==> flow/design.v <==
module core_mul_v2 #(
  parameter int W = 14
) (
  input  logic i_clk,
  input  logic clk_en,
  input  logic [W-1:0] i_da,
  input  logic [W-1:0] i_db,
  input  logic [2*W-1:0] i_dc,
  output logic [2*W:0] o_out
);
  logic [W-1:0] da_reg;
  logic [W-1:0] db_reg;
  logic [2*W-1:0] dc_reg;
  logic [2*W-1:0] t_reg;
  logic [2*W-1:0] dc_reg_d;
  always_ff @(posedge i_clk) begin
    if (clk_en) begin
      da_reg <= i_da;
      db_reg <= i_db;
      dc_reg <= i_dc;
      t_reg <= da_reg * db_reg;
      dc_reg_d <= dc_reg;
      o_out <= t_reg + dc_reg_d;
    end
  end
endmodule
# == From RTL to reports: core_mul_v2 ==
# Tool output for the design above, in the order of the flow.
# Line numbers count from 1 in the design file above.
# Cell names lack the library's common part.
# Not given: -
# inputs
top_module,core_mul_v2
clock,i_clk
cell_library,sky130hd
lib_corner,tt_025C_1v80

# == Word-level counts ==
# Counts by Yosys on the flattened word-level netlist (proc, flatten, opt, wreduce; memories kept). Register bits leave out memories and registers merged into their read ports (data or address); mux counts leave out enables and synchronous resets folded into registers. Print and check cells are left out. Cells with the same type and inputs are merged into one.
# word_totals
wordCells,8
output_inout_bits,29
reg_bits,141
inputBits,58
# classes
mul,1
add_sub_neg,1
# ops
cell,n
14-bit by 14-bit multiplier with 28-bit output,1
28-bit by 28-bit adder with 29-bit output,1

# == Logic depth ==
# Yosys ltp: most cells in a row. Word level: on the elaborated netlist, between registers, memories and ports. Mapped: between sequential cells and ports; inverters and the memories' decode and read muxes count.
# depth
word_depth,1
ABC_AREA,0
mapped_depth,22

# == Mapped cells and area ==
# Source: synth_stat.txt of the flow (Yosys; design flattened, memories mapped). It holds for the ABC_AREA given above (unset counts as 0); a run with the other value may have another netlist.
# synth_totals
cells,1128
n_buf,39
seq_area_um2,4234.1
flip_flops,141
yosys_area_um2,12454.4
# types
cell,n
edfxtp_1,141
fa_1,142
ha_1,120
and2_1,100
inv_1,161
nand2_1,128
xnor2_1,29
a21oi_1,44
a21o_1,27
xor2_1,16
clkbuf_1,37
nor2_1,27
and3_1,14
o21ai_0,17
o21a_1,9
nand3_1,13
nor2b_1,8
a211oi_1,5
# Other cell types: 41; their cells: 90.

# == Timing after synthesis ==
# OpenSTA on the mapped netlist: ideal clock, no wires. The path of least setup slack (recovery checks aside). Input and output delay are each 20% of the period. Register names are those of the netlist, which keeps one name where synthesis merged equal registers.
# synth_path
kind,register -> register
start,reg db_reg[8]
end,reg t_reg[27]
stages,22
n_path_buf,2
path_delay_ps,5685
period_ps,7110
arrival_time_ps,5511
setup_time_ps,174
required_ps,6936
path_slack_ps,1425
period_less_setup_slack_ps,5685
# "path_delay_ps" is the arrival time less input delay plus setup time.
# "stages" counts driving pins, that of a launching flip-flop among them; a cell with two outputs on the path counts twice.
# "period_less_setup_slack_ps" is the clock period less the worst setup slack; recovery checks do not enter. This is arithmetic on one report: input and output delays are still those of the set period (20% each).
# The rows between start and end are the longest chain of elaborated cells between them; the timing report does not say that the signal goes this way. Where chains are equally long, one stands for them.
# Each line given opens the expression or statement behind the cell; cells for indexed reads and writes are added by Yosys, which also makes memories of some case tables.
# synth_between
cell_sequence,edfxtp_1 -> clkbuf_1 -> and2_1 -> fa_1 -> inv_1 -> fa_1 -> inv_1 -> fa_1 -> fa_1 -> fa_1 -> inv_1 -> fa_1 -> inv_1 -> ha_1 -> clkbuf_1 -> a21o_1 -> a311oi_1 -> nand2_1 -> a21oi_1 -> o21ai_1 -> and4_1 -> a311oi_1
elab_chain_len,1
cone_cells,1
lines_between,1
# synth_rtl
item,line_no,source
"start, declared",12,logic [W-1:0] db_reg;
"start, assigned",19,db_reg <= i_db;
14-bit by 14-bit multiplier with 28-bit output,21,t_reg <= da_reg * db_reg;
"end, assigned",21,
"end, declared",14,logic [2*W-1:0] t_reg;

# == Timing after layout ==
# From the final timing report of job 1: the path of least setup slack in the routed layout; clock arrival at registers is part of the times.
# The report prints the path's times to 10 ps; the period is as set.
# layout_path
kind,register -> register
start,reg da_reg[8]
end,reg t_reg[27]
arrival_time_ps,6440
path_slack_ps,910
required_ps,7350
stages,19
setup_time_ps,180
n_path_buf,0
period_ps,7110
# The rows between start and end are the longest chain of elaborated cells between them; the timing report does not say that the signal goes this way. Where chains are equally long, one stands for them.
# layout_between
cell_sequence,edfxtp_1 -> nand2_1 -> fa_1 -> fa_1 -> inv_1 -> fa_1 -> fa_1 -> fa_1 -> inv_1 -> fa_1 -> inv_1 -> ha_1 -> a21o_1 -> a311oi_1 -> nand2_1 -> a21oi_1 -> o21ai_1 -> and4_1 -> a311oi_1
elab_chain_len,1
cone_cells,1
lines_between,1
# layout_rtl
item,line_no,source
"start, declared",11,logic [W-1:0] da_reg;
"start, assigned",18,da_reg <= i_da;
14-bit by 14-bit multiplier with 28-bit output,21,t_reg <= da_reg * db_reg;
"end, assigned",21,
"end, declared",14,logic [2*W-1:0] t_reg;

# Settings and measured results of 3 stored flow runs for module core_mul_v2 (sky130hd), not sorted in any way. The constraints put input and output delay at 20% of the set period each and load the outputs with 0.01 pF.
# By "period_less_ws_ps" is meant the clock period of the run minus its worst setup slack. This is arithmetic on one report: input and output delays are still those of the set period (20% each).
# "worst_setup_path_time_ps" = time allowed to the worst setup path (clock period - input delay - output delay, where it has them) - its slack; a late launch clock adds to it, a late capture clock takes from it.
# "worst_setup_path_time_ps" is given in steps of 10 ps.
# Settings: -- = not set for that run.
stored run,period_ns,CAP_MARGIN,CORE_MARGIN,CORE_UTILIZATION,SLEW_MARGIN,SETUP_SLACK_MARGIN,PLACE_DENSITY,CORE_ASPECT_RATIO,CELL_PAD_IN_SITES_GLOBAL_PLACEMENT,CELL_PAD_IN_SITES_DETAIL_PLACEMENT,CTS_CLUSTER_SIZE,CTS_CLUSTER_DIAMETER,MIN_ROUTING_LAYER,PLACE_DENSITY_LB_ADDON,TNS_END_PERCENT,yosys_chip_area_um2,finish.stdcell_area_um2,period_less_ws_ps,setup_ws_ps,setupTns_ps,dieArea_um2,worst_setup_path_time_ps,worst_setup_path_type
job 1,7.11,20,2,40,20,--,--,--,--,--,--,--,--,--,--,12454.4,14263.7,6204,906,0,32564.0,6200,register -> register
job 2,7.15,35,2,38,20,0.03,0.57,0.57,2,1,28,203,met2,--,--,12454.4,14386.3,6582,568,0,34296.4,6580,register -> register
job 3,10.9,20,2,53,20,1.45,--,--,0,--,--,386,--,0.17,45,12454.4,14196.1,6178,4722,0,24741.7,6180,register -> register
